==> flow/design.v <==
module my_add_unit_n #(
  parameter NBITS = 10,
  parameter NUM = 3,
  parameter RES_W = NBITS + $clog2(NUM)
) (
  input  logic core_clk,
  input  logic i_rst_n,
  input  logic [NUM*NBITS-1:0] d_i,
  output logic [RES_W-1:0] sum_o
);
  logic [NUM*NBITS-1:0] d_s;
  always_ff @(posedge core_clk) begin
    if (~i_rst_n) begin
      d_s <= 0;
    end else begin
      d_s <= d_i;
    end
  end
  logic [RES_W-1:0] t;
  always_comb begin
    t = 0;
    for (int k = 0; k < NUM; k++)
      t = t + d_s[k*NBITS +: NBITS];
  end
  always_ff @(posedge core_clk) begin
    if (~i_rst_n) begin
      sum_o <= 0;
    end else begin
      sum_o <= t;
    end
  end
endmodule
* Reports on my_add_unit_n
Tool output for the design above, in the order of the flow. Line numbers count from 1 in the design file above. Library cell names are shortened. The mark -- stands for no value.
Inputs: top my_add_unit_n, clock input core_clk, standard-cell library sky130hd, library corner tt_025C_1v80

* After elaboration
Yosys after proc, flatten, opt, wreduce and memory -nomap, before mapping. Enables and synchronous resets that opt folds into registers are not counted as muxes. Memory bits, and registers merged into a memory's read port (data or address), are not among the register bits. Print and check cells are not counted. Equal cells are merged and count once.
Storage and ports: flip-flop bits (word level) 42, bits of input ports 32, output and inout bits 12, cells after elaboration 4
Operators by class: add/sub/neg operators 2
Operator list (number):
- adder 11 x 10 -> 12 bit | 1
- adder 10 x 10 -> 11 bit | 1

* Depth
Longest topological path by Yosys (ltp), each cell counted once; first at word level (registers and memories cut), then after technology mapping (sequential cells cut; the memories' decode and read muxes count).
Logic depth: depth after elaboration 2, ABC_AREA 0, depth in mapped cells 11, depth with buffers taken out 11

* Netlist
Yosys stat after the flow's synthesis: flattened, memories mapped to cells. It holds for the ABC_AREA given above (unset counts as 0); a run with the other value may have another netlist.
Cell types:
- dfxtp_1 | number 42, area in all 840.806 µm²
- fa_1 | number 11, area in all 220.211 µm²
- and2_1 | number 31, area in all 193.936 µm²
- ha_1 | number 9, area in all 112.608 µm²
- inv_1 | number 14, area in all 52.55 µm²
- nor2_1 | number 9, area in all 33.782 µm²
- o21a_1 | number 4, area in all 30.029 µm²
- o21ai_0 | number 6, area in all 30.029 µm²
- xor2_1 | number 3, area in all 26.275 µm²
- a211oi_1 | number 3, area in all 22.522 µm²
- a21oi_1 | number 4, area in all 20.019 µm²
- mux2i_1 | number 2, area in all 20.019 µm²
- o32ai_2 | number 1, area in all 16.266 µm²
- a21o_1 | number 2, area in all 15.014 µm²
- nand2_1 | number 4, area in all 15.014 µm²
- nor2b_4 | number 1, area in all 13.763 µm²
- o22ai_1 | number 2, area in all 12.512 µm²
- or3_1 | number 2, area in all 12.512 µm²
Not listed: further types 7, cells in them 9.
Synthesis totals: mapped cells 159, synthesis area 0.0017379 mm², area of sequential cells 0.0008408 mm², mapped flip-flops 42, buffers 4

* Timing after synthesis
OpenSTA on the mapped netlist: ideal clock, no wires. The path of least setup slack (recovery checks aside). Input and output delay are each 20% of the period. Register names are those of the netlist, which keeps one name where synthesis merged equal registers.
Path post-synthesis: path kind flip-flop to flip-flop, start register d_s[1], end register sum_o[9], clock period 2.69 ns, setup time 0.119 ns, launch time at the first pin 0.000 ns, arrival 2.036 ns, data required time 2.571 ns, setup slack 0.536 ns, path delay 2.155 ns, stages 10, buffers on the path 0, synthesis period reached 2.154 ns
"path delay" is the arrival time less input delay plus setup time. "stages": output pins that drive a net of the path, with the launching flip-flop's if there is one; two outputs of one cell count as two. "synthesis period reached" = period - worst setup slack (recovery checks aside). The figure is calculated, with input and output delays left at 20% of the set period. The rows between start and end are the longest chain of elaborated cells between them; the timing report does not say that the signal goes this way. Where chains are equally long, one stands for them. A line is the first line of the expression or statement that the cell stems from. Yosys adds cells for indexed reads and writes and turns some case tables into memories.
Between the ends, post-synthesis: cells stage by stage dfxtp_1 > fa_1 > ha_1 > inv_1 > fa_1 > nor2b_4 > o31a_1 > o32ai_2 > xor2_1 > nor2_1, length of the longest elaborated chain 2, elaborated cells on any way between the ends 2, source lines of those cells 1, classes of those cells add/sub (2)
Ends and longest elaborated chain, post-synthesis:
- start, declared | line 11 | logic [NUM*NBITS-1:0] d_s;
- start, assigned | line 14 | d_s <= 0;
- start, assigned | line 16 | d_s <= d_i;
- adder 10 x 10 -> 11 bit | line 23 | t = t + d_s[k*NBITS +: NBITS];
- adder 11 x 10 -> 12 bit | line 23
- end, assigned | line 27 | sum_o <= 0;
- end, assigned | line 29 | sum_o <= t;
- end, declared | line 9 | output logic [RES_W-1:0] sum_o

* Path in the finished layout
From the final timing report of run 2: the path of least setup slack in the routed layout; clock arrival at registers is part of the times.
Path after layout: path kind flip-flop to flip-flop, start register d_s[1], end register sum_o[9], clock period 1.5 ns, setup time 0.10 ns, launch time at the first pin 0.29 ns, arrival 2.44 ns, data required time 1.69 ns, setup slack -0.75 ns, stages 10, buffers on the path 0
The rows between start and end are the longest chain of elaborated cells between them; the timing report does not say that the signal goes this way. Where chains are equally long, one stands for them.
Between the ends, after layout: cells stage by stage dfxtp_2 > fa_1 > ha_2 > inv_2 > fa_2 > nor2b_4 > o31a_1 > o32ai_2 > xor2_1 > nor2_1, length of the longest elaborated chain 2, elaborated cells on any way between the ends 2, source lines of those cells 1, classes of those cells add/sub (2)
Ends and longest elaborated chain, after layout:
- start, declared | line 11 | logic [NUM*NBITS-1:0] d_s;
- start, assigned | line 14 | d_s <= 0;
- start, assigned | line 16 | d_s <= d_i;
- adder 10 x 10 -> 11 bit | line 23 | t = t + d_s[k*NBITS +: NBITS];
- adder 11 x 10 -> 12 bit | line 23
- end, assigned | line 27 | sum_o <= 0;
- end, assigned | line 29 | sum_o <= t;
- end, declared | line 9 | output logic [RES_W-1:0] sum_o

Hand-over note for my_add_unit_n

Record of 3 stored runs of the RTL-to-layout flow on my_add_unit_n, platform sky130hd. The runs are unordered. Constraints: input delay and output delay 20% of the set period each, output load 0.01 pF.
"clock period reached" is the run's clock period less its worst setup slack. It is reckoned from that one timing run; input and output delays stay at 20% of the period that was set.
"time of the worst setup path" = time allowed to the worst setup path (clock period - input delay - output delay, where it has them) - its slack; a late launch clock adds to it, a late capture clock takes from it.
"power consumption" rests on the timing tool's default activity at the inputs, not on a simulated workload.

* Run 1 | settings: period_ns 1.88; CORE_UTILIZATION 60; SETUP_SLACK_MARGIN 0.23; PLACE_DENSITY 0.44; CORE_MARGIN 10; CELL_PAD_IN_SITES_GLOBAL_PLACEMENT 2; GPL_ROUTABILITY_DRIVEN 0; CTS_CLUSTER_SIZE 87; SLEW_MARGIN 30; MIN_ROUTING_LAYER met1; CAP_MARGIN 20 | no final report: placement broke off with GPL-0301
* Run 2 | settings: period_ns 1.5; CORE_UTILIZATION 38; HOLD_SLACK_MARGIN -0.02; CORE_ASPECT_RATIO 0.85; CORE_MARGIN 5; CELL_PAD_IN_SITES_GLOBAL_PLACEMENT 1; CELL_PAD_IN_SITES_DETAIL_PLACEMENT 1; GPL_ROUTABILITY_DRIVEN 0; CTS_CLUSTER_SIZE 69; CTS_CLUSTER_DIAMETER 289; SLEW_MARGIN 0; CAP_MARGIN 20 | results: worst setup slack after layout -0.750 ns; worst hold slack in the final report 0.578 ns; time of the worst setup path 2.25 ns; kind of the worst setup path flip-flop to flip-flop; utilization of the finished layout 58.3%; cell area after synthesis 0.0017379 mm²; die area 0.0060304 mm²; standard-cell area after layout 0.0025499 mm²; clock period reached 2.250 ns; power consumption 2650 uW
* Run 3 | settings: period_ns 2.69; CAP_MARGIN 20; CORE_MARGIN 2; CORE_UTILIZATION 40; SLEW_MARGIN 20 | results: worst setup slack after layout 0.366 ns; worst hold slack in the final report 0.613 ns; time of the worst setup path 2.32 ns; kind of the worst setup path flip-flop to flip-flop; utilization of the finished layout 56.7%; cell area after synthesis 0.0017379 mm²; die area 0.0048881 mm²; standard-cell area after layout 0.0023172 mm²; clock period reached 2.324 ns; power consumption 1391 uW

End of note.
